==> flow/design.v <==
module core_arith #(
   parameter XLEN = 56
) (
   input  wire CLK,
   input  wire [XLEN-1:0] A,
   input  wire op,
   output wire [XLEN-1:0] d
);
   reg [XLEN-1:0] A_reg;
   reg op_reg;
   always @(posedge CLK) begin
      A_reg <= A;
      op_reg <= op;
   end
   assign d = (A_reg ^ {XLEN{op_reg}}) + op_reg;
endmodule
Reports on core_arith
Tool output for the design above, in the order of the flow.
Lines are those of the file above, counted from 1.
Operators: Yosys type, input widths -> output width; for muxes data width and select width s.
Library cell names are shortened.
{"block": "design", "top_module": "core_arith", "clock": "CLK", "cell_library": "sky130hd", "corner": "tt_025C_1v80"}

After elaboration
Source: Yosys, flattened and elaborated, memories not mapped. Widths are those after wreduce; folded enables and synchronous resets count as part of the registers. Registers that Yosys merges into a memory's read port (data or address) are not register bits. Print and check cells do not count. Equal cells are merged and count once.
{"block": "classes", "addsub": 1, "bitwise": 1}
{"block": "ops", "cell": "$add 56x1->56", "n": 1}
{"block": "ops", "cell": "$xor 56x56->56", "n": 1}
{"block": "word_totals", "reg_bits": 57, "in_bits": 58, "output_inout_bits": 56, "elab_cells": 4}

Longest topological paths
Depth = most cells in a row (Yosys ltp): at word level without a register or memory, in the mapped netlist without a sequential cell, where the memories' decode and read muxes count.
{"block": "logic_depth", "depth_word": 2, "ABC_AREA": 0, "ltp_mapped": 14, "depth_no_buf": 9}

Synthesis result
Yosys stat after the flow's synthesis: flattened, memories mapped to cells. It holds for the ABC_AREA given above (unset counts as 0); a run with the other value may have another netlist.
{"block": "by_type", "cell": "dfxtp_1", "n": 57}
{"block": "by_type", "cell": "xnor2_1", "n": 75}
{"block": "by_type", "cell": "xor2_1", "n": 23}
{"block": "by_type", "cell": "nor2_1", "n": 31}
{"block": "by_type", "cell": "nand2_1", "n": 30}
{"block": "by_type", "cell": "nor3_1", "n": 18}
{"block": "by_type", "cell": "a21oi_1", "n": 15}
{"block": "by_type", "cell": "and3b_1", "n": 8}
{"block": "by_type", "cell": "o22ai_1", "n": 10}
{"block": "by_type", "cell": "clkbuf_1", "n": 16}
{"block": "by_type", "cell": "nand3_1", "n": 12}
{"block": "by_type", "cell": "nor2b_1", "n": 9}
{"block": "by_type", "cell": "buf_2", "n": 11}
{"block": "by_type", "cell": "nor3b_1", "n": 7}
{"block": "by_type", "cell": "mux2i_1", "n": 5}
{"block": "by_type", "cell": "nor4_1", "n": 8}
{"block": "by_type", "cell": "nand3b_1", "n": 6}
{"block": "by_type", "cell": "a22o_1", "n": 5}
Other cell types: 54; their cells: 118.
{"block": "mapped", "stdcells": 464, "yosys_area_mm2": 0.0039275, "seq_area_mm2": 0.0011411, "ff_cells": 57, "n_buf": 34}

Timing after synthesis
OpenSTA on the mapped netlist: ideal clock, no wires. The path of least setup slack (recovery checks aside). Input and output delay are each 20% of the period. Register names are those of the netlist, which keeps one name where synthesis merged equal registers.
{"block": "synth_path", "kind": "reg2out", "startpoint": "reg op_reg", "endpoint": "out d[40]", "tclk_ns": 4.89, "out_delay_ns": 0.978, "arrival_time_ns": 3.128, "setup_slack_ns": 0.784, "delay_ns": 3.128, "path_stages": 15, "n_path_buf": 6, "period_less_setup_slack_ns": 4.106}
"delay_ns" is the arrival time less input delay plus setup time.
A path that ends at an output port has no setup time.
"path_stages" counts driving pins, that of a launching flip-flop among them; a cell with two outputs on the path counts twice.
"period_less_setup_slack_ns" is the clock period less the worst setup slack; recovery checks do not enter. This is arithmetic on one report: input and output delays are still those of the set period (20% each).
Between the ends stands the longest chain of elaborated cells between them, by number of cells; it is not shown to be the way that was timed. Of several equally long chains one is given.
Each line given opens the expression or statement behind the cell; cells for indexed reads and writes are added by Yosys, which also makes memories of some case tables.
{"block": "synth_between", "cell_sequence": "dfxtp_1 buf_2 buf_2 clkbuf_1 clkbuf_1 buf_2 xor2_1 ha_1 nand2_1 o22ai_2 and3b_1 buf_2 nand2_1 nor4_1 xnor2_1", "elab_chain_len": 2}
{"block": "synth_rtl", "element": "start, declared", "line": 10, "text": "reg op_reg;"}
{"block": "synth_rtl", "element": "start, assigned", "line": 13, "text": "op_reg <= op;"}
{"block": "synth_rtl", "element": "$xor 56x56->56", "line": 15, "text": "assign d = (A_reg ^ {XLEN{op_reg}}) + op_reg;"}
{"block": "synth_rtl", "element": "$add 56x1->56", "line": 15}
{"block": "synth_rtl", "element": "end, declared", "line": 7, "text": "output wire [XLEN-1:0] d"}

Worst path after layout
Path of least setup slack in the final report of entry B (OpenROAD, finished layout, wires in). Where an end is a register, its clock arrival counts in the times.
{"block": "layout_path", "kind": "reg2out", "startpoint": "reg op_reg", "endpoint": "out d[44]", "tclk_ns": 4.89, "out_delay_ns": 0.98, "arrival_time_ns": 3.67, "setup_slack_ns": 0.24, "path_stages": 10, "n_path_buf": 1}
Between the ends stands the longest chain of elaborated cells between them, by number of cells; it is not shown to be the way that was timed. Of several equally long chains one is given.
{"block": "layout_between", "cell_sequence": "dfxtp_4 ha_1 ha_1 nand2_1 o22ai_2 and3b_1 nand2_1 nor4_1 xnor2_1 clkdlybuf4s50_1", "elab_chain_len": 2}
{"block": "layout_rtl", "element": "start, declared", "line": 10, "text": "reg op_reg;"}
{"block": "layout_rtl", "element": "start, assigned", "line": 13, "text": "op_reg <= op;"}
{"block": "layout_rtl", "element": "$xor 56x56->56", "line": 15, "text": "assign d = (A_reg ^ {XLEN{op_reg}}) + op_reg;"}
{"block": "layout_rtl", "element": "$add 56x1->56", "line": 15}
{"block": "layout_rtl", "element": "end, declared", "line": 7, "text": "output wire [XLEN-1:0] d"}

Ticket comment

Top module core_arith; platform sky130hd; tools Yosys and OpenROAD; 3 stored runs in no particular order. Input and output delays are each 20% of the period that was set; the output load is 0.01 pF.
By "clock_period_reached_ns" is meant the clock period of the run minus its worst setup slack. This is arithmetic on one report: input and output delays are still those of the set period (20% each).
"worst_path_time_ns" means the part of the period allowed to the worst setup path (the constraints hold back 20% at inputs and 20% at outputs) less its slack; where the path has registers, the arrival times of their clocks count too.
"power.total_uw" is the tool's figure for a default switching activity; nothing was simulated.

Entry A
==> flow/run.sh <==
#!/bin/bash
# the make line also repeats the synthesis and layout settings of config.mk as NAME=value (left out here)
make -C /OpenROAD-flow-scripts/flow DESIGN_CONFIG=/design/flow/config.mk WORK_HOME=/design/flow/orfs CLKGATE_MAP_FILE= finish
==> flow/config.mk <==
export PLATFORM = sky130hd
export DESIGN_NAME = core_arith
export DESIGN_NICKNAME = core_arith
export VERILOG_FILES = /design/flow/design.v
export SDC_FILE = /design/flow/constraint.sdc
export NUM_CORES = 4
export LEC_CHECK = 0
export CAP_MARGIN = 5
export CELL_PAD_IN_SITES_GLOBAL_PLACEMENT = 3
export CORE_ASPECT_RATIO = 1.57
export CORE_MARGIN = 7
export CORE_UTILIZATION = 72
export CTS_CLUSTER_SIZE = 97
export GPL_ROUTABILITY_DRIVEN = 0
export MAX_ROUTING_LAYER = met4
export SETUP_SLACK_MARGIN = 1.04
export SLEW_MARGIN = 20
==> flow/constraint.sdc <==
create_clock -name core_clock -period 3.8 [get_ports {CLK}]
set_input_delay 0.7600 -clock core_clock [delete_from_list [all_inputs] [get_ports {CLK}]]
set_output_delay 0.7600 -clock core_clock [all_outputs]
set_load 0.01 [all_outputs]

==> results of entry A, as JSON <==
{
  "outcome": "not finished: placement ended with error GPL-0301"
}

Entry B
==> flow/run.sh <==
#!/bin/bash
# the make line also repeats the synthesis and layout settings of config.mk as NAME=value (left out here)
make -C /OpenROAD-flow-scripts/flow DESIGN_CONFIG=/design/flow/config.mk WORK_HOME=/design/flow/orfs CLKGATE_MAP_FILE= finish
==> flow/config.mk <==
export PLATFORM = sky130hd
export DESIGN_NAME = core_arith
export DESIGN_NICKNAME = core_arith
export VERILOG_FILES = /design/flow/design.v
export SDC_FILE = /design/flow/constraint.sdc
export NUM_CORES = 4
export LEC_CHECK = 0
export CAP_MARGIN = 20
export CORE_MARGIN = 2
export CORE_UTILIZATION = 40
export SLEW_MARGIN = 20
==> flow/constraint.sdc <==
create_clock -name core_clock -period 4.89 [get_ports {CLK}]
set_input_delay 0.9780 -clock core_clock [delete_from_list [all_inputs] [get_ports {CLK}]]
set_output_delay 0.9780 -clock core_clock [all_outputs]
set_load 0.01 [all_outputs]

==> results of entry B, as JSON <==
{
  "final_hold_ws_ns": 1.059,
  "finalUtil_pct": 55.3,
  "worst_path_time_ns": 3.67,
  "timing.worst_path_kind": "reg2out",
  "clock_period_reached_ns": 4.650,
  "final_setup_ws_ns": 0.240,
  "timing.setup.tns_ns": 0.000,
  "dieArea_mm2": 0.0106275,
  "synth_chip_area_mm2": 0.0039275,
  "final_stdcell_area_mm2": 0.0053289,
  "power.total_uw": 1327
}

Entry C
==> flow/run.sh <==
#!/bin/bash
# the make line also repeats the synthesis and layout settings of config.mk as NAME=value (left out here)
make -C /OpenROAD-flow-scripts/flow DESIGN_CONFIG=/design/flow/config.mk WORK_HOME=/design/flow/orfs CLKGATE_MAP_FILE= finish
==> flow/config.mk <==
export PLATFORM = sky130hd
export DESIGN_NAME = core_arith
export DESIGN_NICKNAME = core_arith
export VERILOG_FILES = /design/flow/design.v
export SDC_FILE = /design/flow/constraint.sdc
export NUM_CORES = 4
export LEC_CHECK = 0
export CAP_MARGIN = 20
export CORE_ASPECT_RATIO = 1.3
export CORE_MARGIN = 2
export CORE_UTILIZATION = 49
export GPL_ROUTABILITY_DRIVEN = 0
export MAX_ROUTING_LAYER = met4
export PLACE_DENSITY_LB_ADDON = 0.23
export SETUP_SLACK_MARGIN = 0.48
export SLEW_MARGIN = 20
==> flow/constraint.sdc <==
create_clock -name core_clock -period 2.64 [get_ports {CLK}]
set_input_delay 0.5280 -clock core_clock [delete_from_list [all_inputs] [get_ports {CLK}]]
set_output_delay 0.5280 -clock core_clock [all_outputs]
set_load 0.01 [all_outputs]

==> results of entry C, as JSON <==
{
  "outcome": "not finished: routing ended with error GRT-0232"
}
